==> flow/design.v <==
module sync_cmp_top #(
    parameter DATA_WIDTH = 24
) (
    input aclk,
    input [DATA_WIDTH-1:0] i_first,
    input [DATA_WIDTH-1:0] i_second,
    output reg o_equal
);
    reg [DATA_WIDTH-1:0] r_first;
    reg [DATA_WIDTH-1:0] r_second;
    reg [DATA_WIDTH-1:0] r_t;
    always @(posedge aclk) begin
        r_first <= i_first;
        r_second <= i_second;
        r_t <= r_first ^ r_second;
        o_equal <= (r_t == 0);
    end
endmodule
From RTL to reports: sync_cmp_top
The steps from the RTL of sync_cmp_top to its reports follow in flow order.
Lines are those of the file above, counted from 1.
Operators: Yosys type, input widths -> output width; for muxes data width and select width s.
Cell names lack the library's common part.
A cell with -- has no value.
Design
  design top: sync_cmp_top
  clock: aclk
  standard-cell library: sky130hd
  timing corner: tt_025C_1v80

Word-level counts
Source: Yosys, flattened and elaborated, memories not mapped. Widths are those after wreduce; folded enables and synchronous resets count as part of the registers. Registers that Yosys merges into a memory's read port (data or address) are not register bits. Print and check cells do not count. Equal cells are merged and count once.
Word-level totals
  bits of input ports: 49
  output and inout port bits: 1
  flip-flop bits (word level): 73
Operators by class
  bitwise logic cells: 1
  reduce/logical cells: 1
Operator list (count)
  $xor 24x24->24: 1
  $logic_not 24->1: 1

Longest topological paths
Depth = most cells in a row (Yosys ltp): at word level without a register or memory, in the mapped netlist without a sequential cell, where the memories' decode and read muxes count.
Depth
  depth after elaboration: 1
  ABC_AREA: 0
  depth in mapped cells: 3
  depth with buffers taken out: 3

After synthesis
Yosys stat after the flow's synthesis: flattened, memories mapped to cells. It holds for the ABC_AREA given above (unset counts as 0); a run with the other value may have another netlist.
Synthesis totals
  mapped cells: 106
  mapped flip-flops: 73
  mapped area: 1729.2 µm²
  buffers: 0
  sequential part of the area: 1461.4 µm²
Cells by type
  dfxtp_1: count 73, area in all 1.46E+03 µm²
  xor2_1: count 24, area in all 210.202 µm²
  nor4_1: count 5, area in all 31.28 µm²
  nor4_2: count 1, area in all 12.512 µm²
  nand4_1: count 1, area in all 6.256 µm²
  nand2_1: count 1, area in all 3.754 µm²
  nor2_1: count 1, area in all 3.754 µm²

Path before layout
Path of least setup slack by OpenSTA after synthesis, without wires, with an ideal clock, recovery checks aside; 20% of the period is set as input and as output delay. Where synthesis merged equal registers, the netlist keeps one of their names.
Timing path after synthesis
  kind: reg-to-reg
  start point: register r_t[19]
  end point: register o_equal
  delay of the path: 0.787 ns
  data arrival time: 0.723 ns
  stages: 4
  period: 0.984 ns
  launch time at the first pin: 0.000 ns
  slack: 0.196 ns
  synthesis period reached: 0.788 ns
"delay of the path" = arrival - input delay + setup time.
"stages" counts driving pins, that of a launching flip-flop among them; a cell with two outputs on the path counts twice.
"synthesis period reached" is the clock period less the worst setup slack; recovery checks do not enter. This is arithmetic on one report: input and output delays are still those of the set period (20% each).
Between the ends stands the longest chain of elaborated cells between them, by number of cells; it is not shown to be the way that was timed. Of several equally long chains one is given.
Each line given opens the expression or statement behind the cell; cells for indexed reads and writes are added by Yosys, which also makes memories of some case tables.
Between the ends, after synthesis
  path through: dfxtp_1 -> nor4_1 -> nand4_1 -> nor2_1
  cells in the longest elaborated chain: 1
RTL lines, path after synthesis
  start: declaration: RTL line 11  | reg [DATA_WIDTH-1:0] r_t;
  start: assignment: RTL line 15  | r_t <= r_first ^ r_second;
  $logic_not 24->1: RTL line 16  | o_equal <= (r_t == 0);
  end: assignment: RTL line 16
  end: declaration: RTL line 7  | output reg o_equal

Worst path after layout
Path of least setup slack in the final report of run A (OpenROAD, finished layout, wires in). Where an end is a register, its clock arrival counts in the times.
Timing path post-layout
  kind: reg-to-output
  start point: register o_equal
  end point: output port o_equal
  stages: 2
  data arrival time: 0.76 ns
  slack: -0.05 ns
  period: 0.887 ns
  launch time at the first pin: 0.33 ns
  external output delay: 0.18 ns
Between the ends, post-layout
  path through: dfxtp_2 -> buf_6
  cells in the longest elaborated chain: 0
RTL lines, path post-layout
  start: declaration: RTL line 7  | output reg o_equal
  start: assignment: RTL line 16  | o_equal <= (r_t == 0);
  end: declaration: RTL line 7

Flow measurements of sync_cmp_top on sky130hd: 3 stored runs with different settings, listed in no order. Input and output delays are each 20% of the period that was set; the output load is 0.01 pF.
"period achieved": clock period set for the run, less the worst setup slack. It is reckoned from that one timing run; input and output delays stay at 20% of the period that was set.
"worst setup path time" is the time allowed to the run's worst setup path (the clock period less input and output delay, where it has them) less its slack. Clock arrival times count: a late capture clock shortens it, a late launch clock lengthens it.
"total power after layout" is the tool's figure for a default switching activity; nothing was simulated.

==> run A: settings <==
{ "period_ns": 0.887, "CORE_UTILIZATION": 36, "CELL_PAD_IN_SITES_GLOBAL_PLACEMENT": 0, "CTS_CLUSTER_DIAMETER": 122, "CAP_MARGIN": 10, "SLEW_MARGIN": 25, "MIN_ROUTING_LAYER": "met1", "MAX_ROUTING_LAYER": "met5", "CORE_MARGIN": 2 }
==> run A: results <==
total power after layout: 6488 µW
worst hold slack in the final report: 0.282 ns
period achieved: 0.934 ns
die size: 5373.6 µm²
chip area in the Yosys report: 1729.2 µm²
total negative slack: -0.067 ns
worst setup path time: 0.76 ns
worst path kind: reg-to-output
post-layout utilization: 0.539
worst slack on setup checks: -0.047 ns

==> run B: settings <==
{ "period_ns": 1.24, "CORE_UTILIZATION": 26, "SETUP_SLACK_MARGIN": 0.09, "CORE_MARGIN": 9, "CELL_PAD_IN_SITES_GLOBAL_PLACEMENT": 2, "TNS_END_PERCENT": 75, "ABC_AREA": 1, "GPL_TIMING_DRIVEN": 0, "CTS_CLUSTER_DIAMETER": 221, "SLEW_MARGIN": 30, "MAX_ROUTING_LAYER": "met5", "CAP_MARGIN": 20 }
==> run B: results <==
total power after layout: 5105 µW
worst hold slack in the final report: 0.354 ns
period achieved: 1.015 ns
die size: 10034.0 µm²
chip area in the Yosys report: 1755.4 µm²
total negative slack: 0.000 ns
worst setup path time: 0.77 ns
worst path kind: reg-to-output
post-layout utilization: 0.402
worst slack on setup checks: 0.225 ns

==> run C: settings <==
{ "period_ns": 0.984, "CAP_MARGIN": 20, "CORE_MARGIN": 2, "CORE_UTILIZATION": 40, "SLEW_MARGIN": 20 }
==> run C: results <==
total power after layout: 5658 µW
worst hold slack in the final report: 0.299 ns
period achieved: 0.961 ns
die size: 4865.1 µm²
chip area in the Yosys report: 1729.2 µm²
total negative slack: 0.000 ns
worst setup path time: 0.76 ns
worst path kind: reg-to-output
post-layout utilization: 0.609
worst slack on setup checks: 0.023 ns
